==> flow/design.v <==
module u_data_mux_mod #(
    parameter DWIDTH = 32,
    parameter COUNT = 3,
    parameter LOGN = $clog2(COUNT)
) (
    input logic sys_clk,
    input logic [COUNT*DWIDTH-1:0] in_src,
    input logic [LOGN-1:0] in_s,
    output logic [DWIDTH-1:0] out_data_out
);
    logic [COUNT*DWIDTH-1:0] src_q;
    always_ff @(posedge sys_clk)
        src_q <= in_src;
    logic [LOGN-1:0] s_q;
    always_ff @(posedge sys_clk)
        s_q <= in_s;
    assign out_data_out = src_q[s_q*DWIDTH +: DWIDTH];
endmodule
# --- Tool chain data of u_data_mux_mod ---
# Module u_data_mux_mod in several versions that differ in "COUNT"; each step lists the members.
# The file above is the member COUNT=3. Line numbers count from 1 in each member's own file.
# Operators carry their Yosys type and port widths (W data, S select, Z words).
# Cell names lack the library's common part.
setup:
  design: "u_data_mux_mod"
  clock: "sys_clk"
  cell_library: "sky130hd"
  lib_corner: "tt_025C_1v80"

# --- Source of the members ---
# Lines of each other member's file that are new or changed against the file above; lines that a member lacks are not shown.
src_changes:
  columns: ["COUNT", "line_no", "source"]
  rows:
  - [4, 3, "parameter COUNT = 4,"]
  - [7, 3, "parameter COUNT = 7,"]

# --- After elaboration ---
# Yosys after proc, flatten, opt, wreduce and memory -nomap, before mapping. Enables and synchronous resets that opt folds into registers are not counted as muxes. Memory bits, and registers merged into a memory's read port (data or address), are not among the register bits. Print and check cells are not counted. Equal cells are merged and count once.
bits:
  columns: ["COUNT", "ff_bits", "inputBits", "out_inout_bits", "elab_cells"]
  rows:
  - [3, 98, 99, 32, 3]
  - [4, 130, 131, 32, 3]
  - [7, 227, 228, 32, 3]
classes:
  columns: ["COUNT", "n_shift"]
  rows:
  - [3, 1]
  - [4, 1]
  - [7, 1]
op_table:
  columns: ["COUNT", "operators"]
  rows:
  - [3, "$shiftx A96 B8 Y32: 1"]
  - [4, "$shiftx A128 B8 Y32: 1"]
  - [7, "$shiftx A224 B9 Y32: 1"]

# --- Longest topological paths ---
# Longest topological path by Yosys (ltp), each cell counted once; first at word level (registers and memories cut), then after technology mapping (sequential cells cut; the memories' decode and read muxes count).
depth:
  columns: ["COUNT", "depth_word", "abc_area", "mapped_depth", "ltp_nobuf"]
  rows:
  - [3, 1, 0, 5, 2]
  - [4, 1, 0, 3, 1]
  - [7, 1, 0, 6, 3]

# --- Synthesis result ---
# The flow's flattened synthesis, as Yosys stat reports it; memories are mapped. The netlist is that of the ABC_AREA named above (0 if unset); the other value can give another one.
# Totals and module areas in this step are rounded.
synth_totals:
  columns: ["COUNT", "cell_count", "synth_area_um2", "seqArea_um2", "flip_flops", "n_buf"]
  rows:
  - [3, 175, 2749, 1962, 98, 12]
  - [4, 169, 3417, 2602, 130, 7]
  - [7, 483, 6524, 4544, 227, 29]
by_type:
  columns: ["COUNT", "cell_types"]
  rows:
  - [3, "dfxtp_1: 98; mux2i_1: 32; o2bb2ai_1: 22; o2bb2ai_2: 10; buf_6: 8; nor2b_4: 1; buf_4: 1; clkbuf_1: 2; buf_2: 1"]
  - [4, "dfxtp_1: 130; mux4_2: 30; buf_12: 3; mux4_1: 2; buf_2: 3; buf_6: 1"]
  - [7, "dfxtp_1: 227; mux2i_1: 96; a22o_1: 32; a31oi_1: 32; or2_2: 32; nand2_1: 32; buf_6: 6; clkbuf_1: 11; buf_2: 7; buf_4: 3; buf_12: 1; buf_8: 1; nor2b_1: 2; nor2_1: 1"]

# --- Timing after synthesis ---
# OpenSTA on the mapped netlist: ideal clock, no wires. The path of least setup slack (recovery checks aside). Input and output delay are each 20% of the period. Register names are those of the netlist, which keeps one name where synthesis merged equal registers.
synth_path:
  columns: ["COUNT", "path_type", "start", "end", "clock_period_ps", "setup_slack_ps", "driving_pins", "delay_ps", "synth_period_reached_ps"]
  rows:
  - [3, "reg-to-output", "reg s_q[1]", "out out_data_out[12]", 1430, 229, 6, 915, 1201]
  - [4, "reg-to-output", "reg s_q[0]", "out out_data_out[10]", 1730, 277, 4, 1107, 1453]
  - [7, "reg-to-output", "reg s_q[0]", "out out_data_out[24]", 1990, 318, 7, 1274, 1672]
# "delay_ps" = arrival - input delay + setup time.
# At an output port there is no setup time.
# "driving_pins": output pins that drive a net of the path, with the launching flip-flop's if there is one; two outputs of one cell count as two.
# "synth_period_reached_ps" is the clock period less the worst setup slack; recovery checks do not enter. This is arithmetic on one report: input and output delays are still those of the set period (20% each).
# The rows between start and end are the longest chain of elaborated cells between them; the timing report does not say that the signal goes this way. Where chains are equally long, one stands for them.
# A line is the first line of the expression or statement that the cell stems from. Yosys adds cells for indexed reads and writes and turns some case tables into memories.
synth_between_COUNT_3:
  elab_chain_cells: 1
synth_lines_COUNT_3:
  columns: ["item", "line_no", "source"]
  rows:
  - ["from (decl)", 14, "logic [LOGN-1:0] s_q;"]
  - ["from (assign)", 16, "s_q <= in_s;"]
  - ["$shiftx A96 B8 Y32", 17, "assign out_data_out = src_q[s_q*DWIDTH +: DWIDTH];"]
  - ["to (decl)", 9, "output logic [DWIDTH-1:0] out_data_out"]
synth_between_COUNT_7:
  elab_chain_cells: 1
synth_lines_COUNT_7:
  columns: ["item", "line_no", "source"]
  rows:
  - ["from (decl)", 14, "logic [LOGN-1:0] s_q;"]
  - ["from (assign)", 16, "s_q <= in_s;"]
  - ["$shiftx A224 B9 Y32", 17, "assign out_data_out = src_q[s_q*DWIDTH +: DWIDTH];"]
  - ["to (decl)", 9, "output logic [DWIDTH-1:0] out_data_out"]

# --- Worst path after layout ---
# From the final timing report of each member's run: the path of least setup slack in the routed layout; clock arrival at registers is part of the times.
# The report prints the path's times to 10 ps; the period is as set.
layout_path:
  columns: ["COUNT", "path_type", "start", "end", "clock_period_ps", "setup_slack_ps", "driving_pins", "arrival_time_ps", "path_buffers"]
  rows:
  - [3, "reg-to-output", "reg s_q[0]", "out out_data_out[21]", 1430, -300, 6, 1450, 3]
  - [4, "reg-to-output", "reg s_q[0]", "out out_data_out[10]", 1730, -410, 5, 1800, 3]
  - [7, "reg-to-output", "reg s_q[0]", "out out_data_out[24]", 1990, -350, 9, 1940, 5]

# --- Layout results ---
# One run of the flow (Yosys, OpenROAD) for each member, with settings and measured results. Input and output delays are each 20% of the period that was set; the output load is 0.01 pF.
settings:
  CAP_MARGIN: 20
  CORE_MARGIN: 2
  CORE_UTILIZATION: 40
  SLEW_MARGIN: 20
settings_diff:
  columns: ["COUNT", "period_ns"]
  rows:
  - [3, 1.43]
  - [4, 1.73]
  - [7, 1.99]
measured:
  columns: ["COUNT", "synth_chip_area_um2", "die_um2", "final_cell_area_um2", "layout_utilization_pct", "final_setup_ws_ps", "setupTns_ps", "holdWs_ps", "power.total_uw", "achieved_period_ps"]
  rows:
  - [3, 2749, 7552, 4522, 67.3, -303, -8764, 360, 5500, 1733]
  - [4, 3417, 9298, 5878, 71.2, -414, -10900, 293, 7573, 2144]
  - [7, 6524, 17350, 10940, 68.9, -353, -9977, 310, 10730, 2343]
# "achieved_period_ps" means the clock period less the worst setup slack. The figure is calculated, with input and output delays left at 20% of the set period.
# "power.total_uw": no workload was simulated; the value follows from the tool's default switching activity.
# The results are shown rounded.
